==> flow/design.v <==
module sync_cmp_top #(
    parameter DATA_WIDTH = 48
) (
    input aclk,
    input [DATA_WIDTH-1:0] i_first,
    input [DATA_WIDTH-1:0] i_second,
    output reg o_equal
);
    reg [DATA_WIDTH-1:0] r_first;
    reg [DATA_WIDTH-1:0] r_second;
    reg [DATA_WIDTH-1:0] r_t;
    always @(posedge aclk) begin
        r_first <= i_first;
        r_second <= i_second;
        r_t <= r_first ^ r_second;
        o_equal <= (r_t == 0);
    end
endmodule
Reports on sync_cmp_top
The steps from the RTL of sync_cmp_top to its reports follow in flow order.
Line numbers count from 1 in the design file above.
Operators: Yosys type, input widths -> output width; for muxes data width and select width s.
Not given: --
Inputs
  design top: sync_cmp_top
  clock: aclk
  library: sky130hd
  timing corner: tt_025C_1v80

Word level
Counts by Yosys on the flattened word-level netlist (proc, flatten, opt, wreduce; memories kept). Register bits leave out memories and registers merged into their read ports (data or address); mux counts leave out enables and synchronous resets folded into registers. Print and check cells are left out. Cells with the same type and inputs are merged into one.
Word-level totals
  output and inout bits: 1
  word-level cells: 6
  input port bits: 97
  register bits: 145
Cells by class
  reductions and logical operators: 1
  bitwise gates (word level): 1
Operators with widths (number)
  $xor 48x48->48: 1
  $logic_not 48->1: 1

Logic depth
Longest topological path by Yosys (ltp), each cell counted once; first at word level (registers and memories cut), then after technology mapping (sequential cells cut; the memories' decode and read muxes count).
Depth
  depth after elaboration: 1
  ABC_AREA: 0
  depth in mapped cells: 3
  mapped depth without buffers: 3

After synthesis
The flow's flattened synthesis, as Yosys stat reports it; memories are mapped. The netlist is that of the ABC_AREA named above (0 if unset); the other value can give another one.
Totals and module areas in this step are rounded.
Synthesis totals
  mapped flip-flops: 145
  mapped cells: 209
  cell area after synthesis: 0.003433 mm²
  buffers: 0
  sequential part of the area: 0.002903 mm²
Cell types
  sky130_fd_sc_hd__dfxtp_1: number 145, area in all 2.9E+03 µm²
  sky130_fd_sc_hd__xor2_1: number 48, area in all 420.403 µm²
  sky130_fd_sc_hd__nor4_1: number 11, area in all 68.816 µm²
  sky130_fd_sc_hd__nand4_1: number 3, area in all 18.768 µm²
  sky130_fd_sc_hd__nor4_2: number 1, area in all 12.512 µm²
  sky130_fd_sc_hd__nor3_2: number 1, area in all 10.01 µm²

Timing after synthesis
Source: OpenSTA report_checks on the synthesized netlist (no wires, ideal clock, input and output delay 20% of the period each), path of least setup slack; recovery checks are left aside. Register names are those of the netlist, which keeps one name where synthesis merged equal registers.
Path after synthesis
  path kind: reg-to-reg
  start point: reg r_t[25]
  end point: reg o_equal
  required time: 1.037 ns
  path delay: 0.886 ns
  data arrival time: 0.813 ns
  path slack: 0.224 ns
  setup time: 0.073 ns
  stages: 4
  clock period: 1.11 ns
  synthesis period reached: 0.886 ns
"path delay" is the arrival time less input delay plus setup time.
"stages" counts driving pins, that of a launching flip-flop among them; a cell with two outputs on the path counts twice.
"synthesis period reached" = period - worst setup slack (recovery checks aside). The figure is calculated, with input and output delays left at 20% of the set period.
Between the ends stands the longest chain of elaborated cells between them, by number of cells; it is not shown to be the way that was timed. Of several equally long chains one is given.
A line is the first line of the expression or statement that the cell stems from. Yosys adds cells for indexed reads and writes and turns some case tables into memories.
Between the ends, after synthesis
  cell sequence: sky130_fd_sc_hd__dfxtp_1 > sky130_fd_sc_hd__nor4_1 > sky130_fd_sc_hd__nand4_1 > sky130_fd_sc_hd__nor3_2
  cells in the longest elaborated chain: 1
  elaborated cells between the ends (all ways): 1
  source lines of those cells: 1
  those cells by class: reduce/logical (1)
Ends and longest elaborated chain, after synthesis
  start: declaration: line 11  | reg [DATA_WIDTH-1:0] r_t;
  start: assignment: line 15  | r_t <= r_first ^ r_second;
  $logic_not 48->1: line 16  | o_equal <= (r_t == 0);
  end: assignment: line 16
  end: declaration: line 7  | output reg o_equal

Path in the finished layout
Path of least setup slack in the final report of run 1 (OpenROAD, finished layout, wires in). Where an end is a register, its clock arrival counts in the times.
Path post-layout
  path kind: reg-to-reg
  start point: reg r_t[37]
  end point: reg o_equal
  clock period: 0.578 ns
  data arrival time: 1.41 ns
  path slack: -0.51 ns
  required time: 0.90 ns
  setup time: 0.07 ns
  stages: 5
Between the ends stands the longest chain of elaborated cells between them, by number of cells; it is not shown to be the way that was timed. Of several equally long chains one is given.
Between the ends, post-layout
  cell sequence: sky130_fd_sc_hd__dfxtp_1 > sky130_fd_sc_hd__nor4_2 > sky130_fd_sc_hd__buf_4 > sky130_fd_sc_hd__nand4_1 > sky130_fd_sc_hd__nor3_2
  cells in the longest elaborated chain: 1
  elaborated cells between the ends (all ways): 1
  source lines of those cells: 1
  those cells by class: reduce/logical (1)
Ends and longest elaborated chain, post-layout
  start: declaration: line 11  | reg [DATA_WIDTH-1:0] r_t;
  start: assignment: line 15  | r_t <= r_first ^ r_second;
  $logic_not 48->1: line 16  | o_equal <= (r_t == 0);
  end: assignment: line 16
  end: declaration: line 7  | output reg o_equal

## Implementation results

Record of 3 stored runs of the RTL-to-layout flow on sync_cmp_top, platform sky130hd. The runs are unordered. Constraints: input delay and output delay 20% of the set period each, output load 0.01 pF.
"period achieved" is the run's clock period less its worst setup slack. It is reckoned from that one timing run; input and output delays stay at 20% of the period that was set.
"allowed time less slack (worst setup path)" is the time allowed to the run's worst setup path (the clock period less input and output delay, where it has them) less its slack. Clock arrival times count: a late capture clock shortens it, a late launch clock lengthens it.
"total power after layout" is the tool's figure for a default switching activity; nothing was simulated.
Measured values are rounded.

==> run 1: settings <==
{ "period_ns": 0.578, "CORE_UTILIZATION": 36, "SETUP_SLACK_MARGIN": 0.02, "PLACE_DENSITY_LB_ADDON": 0.27, "CORE_ASPECT_RATIO": 1.78, "CELL_PAD_IN_SITES_GLOBAL_PLACEMENT": 0, "TNS_END_PERCENT": 15, "MAX_ROUTING_LAYER": "met5", "CAP_MARGIN": 20, "CORE_MARGIN": 2, "SLEW_MARGIN": 20 }
==> run 1: results <==
total power after layout: 22620 µW
die footprint: 0.01037 mm²
lowest hold slack: 0.148 ns
period achieved: 1.085 ns
netlist area reported by Yosys: 0.003433 mm²
allowed time less slack (worst setup path): 1.08 ns
type of the worst setup path: reg-to-reg
smallest setup slack: -0.507 ns
post-route setup TNS: -1.011 ns
standard-cell area after routing: 0.005304 mm²

==> run 2: settings <==
{ "period_ns": 1.11, "CAP_MARGIN": 20, "CORE_MARGIN": 2, "CORE_UTILIZATION": 40, "SLEW_MARGIN": 20 }
==> run 2: results <==
allowed time less slack (worst setup path): 0.93 ns
type of the worst setup path: reg-to-output
period achieved: 1.152 ns
netlist area reported by Yosys: 0.003433 mm²
standard-cell area after routing: 0.005169 mm²
post-route setup TNS: -0.042 ns
die footprint: 0.00934 mm²
smallest setup slack: -0.042 ns
lowest hold slack: 0.162 ns
total power after layout: 11740 µW

==> run 3: settings <==
{ "period_ns": 0.64, "CORE_UTILIZATION": 43, "SETUP_SLACK_MARGIN": 0.11, "PLACE_DENSITY_LB_ADDON": 0.01, "CELL_PAD_IN_SITES_GLOBAL_PLACEMENT": 0, "GPL_TIMING_DRIVEN": 0, "CTS_CLUSTER_SIZE": 12, "SLEW_MARGIN": 0, "CAP_MARGIN": 20, "CORE_MARGIN": 2 }
==> run 3: results <==
period achieved: 1.061 ns
total power after layout: 20000 µW
allowed time less slack (worst setup path): 1.06 ns
type of the worst setup path: reg-to-reg
post-route setup TNS: -0.839 ns
smallest setup slack: -0.421 ns
standard-cell area after routing: 0.00527 mm²
die footprint: 0.008715 mm²
lowest hold slack: 0.048 ns
netlist area reported by Yosys: 0.003433 mm²
